==> flow/design.v <==
module sync_multiplier_n #(
  parameter BITS = 16
) (
  input ck,
  input step,
  input [BITS-1:0] in_a,
  input [BITS-1:0] in_b,
  output reg [2*BITS-1:0] out_q
);
  reg [BITS-1:0] a_ff;
  reg [BITS-1:0] b_ff;
  always @(posedge ck) begin
    if (step) begin
      a_ff <= in_a;
      b_ff <= in_b;
    end
  end
  wire [2*BITS-1:0] lvl [0:BITS];
  assign lvl[0] = 0;
  genvar k;
  generate
    for (k = 0; k < BITS; k = k + 1) begin : lane
      assign lvl[k+1] = lvl[k] + (b_ff[k] ? {{BITS{1'b0}}, a_ff} << k : {2*BITS{1'b0}});
    end
  endgenerate
  always @(posedge ck) begin
    if (step) begin
      out_q <= lvl[BITS];
    end
  end
endmodule
======== Tool chain data of sync_multiplier_n ========
The steps from the RTL of sync_multiplier_n to its reports follow in flow order.
Lines are those of the file above, counted from 1.
Cell names lack the library's common part.
Not given: --
design
  top ..................................... sync_multiplier_n
  clock port .............................. ck
  standard-cell library ................... sky130hd
  corner .................................. tt_025C_1v80

======== Word level ========
Yosys after proc, flatten, opt, wreduce and memory -nomap, before mapping. Enables and synchronous resets that opt folds into registers are not counted as muxes. Memory bits, and registers merged into a memory's read port (data or address), are not among the register bits. Print and check cells are not counted. Equal cells are merged and count once.
word-level totals
  elaborated cells ........................ 34
  register bits after elaboration ......... 64
  input bits .............................. 34
  output and inout bits ................... 32
operators by class
  multiplexer cells ....................... 16
  $add $sub $neg .......................... 15
operators with widths
  cell                     count
  adder 31 x 31 -> 32 bit  1
  adder 30 x 30 -> 31 bit  1
  2-to-1 mux 31 bit        1
  adder 29 x 29 -> 30 bit  1
  2-to-1 mux 30 bit        1
  adder 28 x 28 -> 29 bit  1
  2-to-1 mux 29 bit        1
  adder 27 x 27 -> 28 bit  1
  2-to-1 mux 28 bit        1
  adder 26 x 26 -> 27 bit  1
  2-to-1 mux 27 bit        1
  adder 25 x 25 -> 26 bit  1
  2-to-1 mux 26 bit        1
  adder 24 x 24 -> 25 bit  1
  2-to-1 mux 25 bit        1
  adder 23 x 23 -> 24 bit  1
  2-to-1 mux 24 bit        1
  adder 22 x 22 -> 23 bit  1
  2-to-1 mux 23 bit        1
  adder 21 x 21 -> 22 bit  1
  2-to-1 mux 22 bit        1
  adder 20 x 20 -> 21 bit  1
  2-to-1 mux 21 bit        1
  adder 19 x 19 -> 20 bit  1
  2-to-1 mux 20 bit        1
  adder 18 x 18 -> 19 bit  1
  2-to-1 mux 19 bit        1
  adder 16 x 17 -> 18 bit  1
Not listed: further kinds 3, cells in them 3.

======== Logic depth ========
Depth = most cells in a row (Yosys ltp): at word level without a register or memory, in the mapped netlist without a sequential cell, where the memories' decode and read muxes count.
depth
  word-level depth ........................ 16
  ABC_AREA ................................ 0
  gate-level depth with buffers ........... 22

======== Synthesis result ========
Yosys stat after the flow's synthesis: flattened, memories mapped to cells. It holds for the ABC_AREA given above (unset counts as 0); a run with the other value may have another netlist.
mapped netlist
  buffer cells ............................ 38
  flip-flop cells ......................... 64
  mapped cells ............................ 1016
  sequential part of the area ............. 1921.8 µm²
  mapped area ............................. 10264.8 µm²
cells by type
  type      count  area in all (µm²)
  fa_1      198    3.96E+03
  edfxtp_1  64     1.92E+03
  ha_1      95     1188.64
  inv_1     198    743.213
  and2_1    111    694.416
  nand2_1   166    623.098
  xnor2_1   16     140.134
  clkbuf_1  34     127.622
  a21oi_1   19     95.091
  a21o_1    10     75.072
  nor2_1    17     63.811
  nand3_1   10     50.048
  o21a_1    6      45.043
  o21ai_0   7      35.034
  xor2_1    4      35.034
  a31oi_1   5      31.28
  a211oi_1  4      30.029
  a21oi_2   3      26.275
Other cell types: 32; their cells: 49.

======== Worst setup path after synthesis ========
Source: OpenSTA report_checks on the synthesized netlist (no wires, ideal clock, input and output delay 20% of the period each), path of least setup slack; recovery checks are left aside. Register names are those of the netlist, which keeps one name where synthesis merged equal registers.
timing path post-synthesis
  path kind ............................... register -> register
  start point ............................. register a_ff[14]
  end point ............................... register out_q[31]
  period .................................. 7.24 ns
  path delay .............................. 5.789 ns
  buffers on the path ..................... 1
  time at the first pin ................... 0.000 ns
  driving pins on the path ................ 18
  slack ................................... 1.451 ns
  setup time .............................. 0.255 ns
  data arrival time ....................... 5.534 ns
  synthesis period reached ................ 5.789 ns
"path delay" is the arrival time less input delay plus setup time.
"driving pins on the path" counts driving pins, that of a launching flip-flop among them; a cell with two outputs on the path counts twice.
"synthesis period reached" is the clock period less the worst setup slack; recovery checks do not enter. This is arithmetic on one report: input and output delays are still those of the set period (20% each).
The rows between start and end are the longest chain of elaborated cells between them; the timing report does not say that the signal goes this way. Where chains are equally long, one stands for them.
A line is the first line of the expression or statement that the cell stems from. Yosys adds cells for indexed reads and writes and turns some case tables into memories.
on the way, post-synthesis
  cells stage by stage .................... edfxtp_1 clkbuf_1 nand2_1 fa_1 inv_1 fa_1 fa_1 fa_1 fa_1 inv_1 fa_1 inv_1 ha_1 a21o_1 a221oi_4 a211oi_2 or4b_1 and3_1
  length of the longest elaborated chain .. 16
RTL lines, path post-synthesis
  item                     RTL line  text
  start, declared          10        reg [BITS-1:0] a_ff;
  start, assigned          14        a_ff <= in_a;
  2-to-1 mux 16 bit        23        assign lvl[k+1] = lvl[k] + (b_ff[k] ? {{BITS{1'b0}}, a_ff} << k : {2*BITS{1'b0}});
  adder 16 x 17 -> 18 bit  23
  adder 18 x 18 -> 19 bit  23
  adder 19 x 19 -> 20 bit  23
  adder 20 x 20 -> 21 bit  23
  adder 21 x 21 -> 22 bit  23
  adder 22 x 22 -> 23 bit  23
  [... 2 more ...]         --
  adder 25 x 25 -> 26 bit  23
  adder 26 x 26 -> 27 bit  23
  adder 27 x 27 -> 28 bit  23
  adder 28 x 28 -> 29 bit  23
  adder 29 x 29 -> 30 bit  23
  adder 30 x 30 -> 31 bit  23
  adder 31 x 31 -> 32 bit  23
  end, assigned            28        out_q <= lvl[BITS];
  end, declared            8         output reg [2*BITS-1:0] out_q

======== Path in the finished layout ========
From the final timing report of flow run 1: the path of least setup slack in the routed layout; clock arrival at registers is part of the times.
timing path after layout
  path kind ............................... register -> register
  start point ............................. register a_ff[7]
  end point ............................... register out_q[31]
  buffers on the path ..................... 0
  setup time .............................. 0.24 ns
  time at the first pin ................... 0.35 ns
  period .................................. 7.76 ns
  driving pins on the path ................ 19
  data arrival time ....................... 6.39 ns
  slack ................................... 1.48 ns
The rows between start and end are the longest chain of elaborated cells between them; the timing report does not say that the signal goes this way. Where chains are equally long, one stands for them.
on the way, after layout
  cells stage by stage .................... edfxtp_1 nand2_1 fa_1 inv_1 fa_1 inv_1 fa_1 inv_1 fa_1 fa_1 inv_1 fa_1 inv_1 ha_1 and3_1 a221oi_4 a211oi_2 or4b_1 and3_1
  length of the longest elaborated chain .. 16
RTL lines, path after layout
  item                     RTL line  text
  start, declared          10        reg [BITS-1:0] a_ff;
  start, assigned          14        a_ff <= in_a;
  2-to-1 mux 16 bit        23        assign lvl[k+1] = lvl[k] + (b_ff[k] ? {{BITS{1'b0}}, a_ff} << k : {2*BITS{1'b0}});
  adder 16 x 17 -> 18 bit  23
  adder 18 x 18 -> 19 bit  23
  adder 19 x 19 -> 20 bit  23
  adder 20 x 20 -> 21 bit  23
  adder 21 x 21 -> 22 bit  23
  adder 22 x 22 -> 23 bit  23
  [... 2 more ...]         --
  adder 25 x 25 -> 26 bit  23
  adder 26 x 26 -> 27 bit  23
  adder 27 x 27 -> 28 bit  23
  adder 28 x 28 -> 29 bit  23
  adder 29 x 29 -> 30 bit  23
  adder 30 x 30 -> 31 bit  23
  adder 31 x 31 -> 32 bit  23
  end, assigned            28        out_q <= lvl[BITS];
  end, declared            8         output reg [2*BITS-1:0] out_q

==> results <==
3 stored runs of sync_multiplier_n in the flow (synthesis by Yosys, layout by OpenROAD, sky130hd cells), in arbitrary order. Constraints: input delay and output delay 20% of the set period each, output load 0.01 pF.
By "achieved clock period (ns)" is meant the clock period of the run minus its worst setup slack. This is arithmetic on one report: input and output delays are still those of the set period (20% each).
"worst setup path time (ns)" is the time allowed to the run's worst setup path (the clock period less input and output delay, where it has them) less its slack. Clock arrival times count: a late capture clock shortens it, a late launch clock lengthens it.

Flow files of flow run 1
==> flow/run.sh <==
#!/bin/bash
# the make line also repeats the synthesis and layout settings of config.mk as NAME=value (left out here)
make -C /OpenROAD-flow-scripts/flow DESIGN_CONFIG=/design/flow/config.mk WORK_HOME=/design/flow/orfs CLKGATE_MAP_FILE= finish
==> flow/config.mk <==
export PLATFORM = sky130hd
export DESIGN_NAME = sync_multiplier_n
export DESIGN_NICKNAME = sync_multiplier_n
export VERILOG_FILES = /design/flow/design.v
export SDC_FILE = /design/flow/constraint.sdc
export NUM_CORES = 4
export LEC_CHECK = 0
export CAP_MARGIN = 35
export CORE_MARGIN = 2
export CORE_UTILIZATION = 72
export CTS_CLUSTER_DIAMETER = 302
export GPL_ROUTABILITY_DRIVEN = 0
export MAX_ROUTING_LAYER = met5
export MIN_ROUTING_LAYER = met1
export PLACE_DENSITY_LB_ADDON = 0.21
export SETUP_SLACK_MARGIN = 0.63
export SLEW_MARGIN = 20
export TNS_END_PERCENT = 70
==> flow/constraint.sdc <==
create_clock -name core_clock -period 7.76 [get_ports {ck}]
set_input_delay 1.5520 -clock core_clock [delete_from_list [all_inputs] [get_ports {ck}]]
set_output_delay 1.5520 -clock core_clock [all_outputs]
set_load 0.01 [all_outputs]

report of flow run 1
yosys chip area after synthesis (um^2): 10264.8
finish__design__die__area: 15227.6
finish__design__instance__area__stdcell: 11309.6
finish__design__instance__utilization: 0.8148
finish__timing__setup__ws: 1.479
finish__timing__setup__tns: 0.000
finish__timing__hold__ws: 1.012
achieved clock period (ns): 6.281
worst setup path time (ns): 6.28
worst setup path kind: register -> register

Flow files of flow run 2
==> flow/run.sh <==
#!/bin/bash
# the make line also repeats the synthesis and layout settings of config.mk as NAME=value (left out here)
make -C /OpenROAD-flow-scripts/flow DESIGN_CONFIG=/design/flow/config.mk WORK_HOME=/design/flow/orfs CLKGATE_MAP_FILE= finish
==> flow/config.mk <==
export PLATFORM = sky130hd
export DESIGN_NAME = sync_multiplier_n
export DESIGN_NICKNAME = sync_multiplier_n
export VERILOG_FILES = /design/flow/design.v
export SDC_FILE = /design/flow/constraint.sdc
export NUM_CORES = 4
export LEC_CHECK = 0
export CAP_MARGIN = 20
export CORE_MARGIN = 2
export CORE_UTILIZATION = 40
export SLEW_MARGIN = 20
==> flow/constraint.sdc <==
create_clock -name core_clock -period 7.24 [get_ports {ck}]
set_input_delay 1.4480 -clock core_clock [delete_from_list [all_inputs] [get_ports {ck}]]
set_output_delay 1.4480 -clock core_clock [all_outputs]
set_load 0.01 [all_outputs]

report of flow run 2
yosys chip area after synthesis (um^2): 10264.8
finish__design__die__area: 26960.0
finish__design__instance__area__stdcell: 11496.0
finish__design__instance__utilization: 0.4565
finish__timing__setup__ws: 0.983
finish__timing__setup__tns: 0.000
finish__timing__hold__ws: 0.720
achieved clock period (ns): 6.257
worst setup path time (ns): 6.26
worst setup path kind: register -> register

Flow files of flow run 3
==> flow/run.sh <==
#!/bin/bash
# the make line also repeats the synthesis and layout settings of config.mk as NAME=value (left out here)
make -C /OpenROAD-flow-scripts/flow DESIGN_CONFIG=/design/flow/config.mk WORK_HOME=/design/flow/orfs CLKGATE_MAP_FILE= finish
==> flow/config.mk <==
export PLATFORM = sky130hd
export DESIGN_NAME = sync_multiplier_n
export DESIGN_NICKNAME = sync_multiplier_n
export VERILOG_FILES = /design/flow/design.v
export SDC_FILE = /design/flow/constraint.sdc
export NUM_CORES = 4
export LEC_CHECK = 0
export CAP_MARGIN = 20
export CORE_MARGIN = 2
export CORE_UTILIZATION = 55
export CTS_CLUSTER_DIAMETER = 37
export CTS_CLUSTER_SIZE = 42
export GPL_TIMING_DRIVEN = 0
export PLACE_DENSITY_LB_ADDON = 0.03
export SLEW_MARGIN = 20
==> flow/constraint.sdc <==
create_clock -name core_clock -period 5.33 [get_ports {ck}]
set_input_delay 1.0660 -clock core_clock [delete_from_list [all_inputs] [get_ports {ck}]]
set_output_delay 1.0660 -clock core_clock [all_outputs]
set_load 0.01 [all_outputs]

report of flow run 3
yosys chip area after synthesis (um^2): 10264.8
finish__design__die__area: 19772.6
finish__design__instance__area__stdcell: 13040.0
finish__design__instance__utilization: 0.7186
finish__timing__setup__ws: -0.550
finish__timing__setup__tns: -5.146
finish__timing__hold__ws: 0.799
achieved clock period (ns): 5.880
worst setup path time (ns): 5.88
worst setup path kind: register -> register
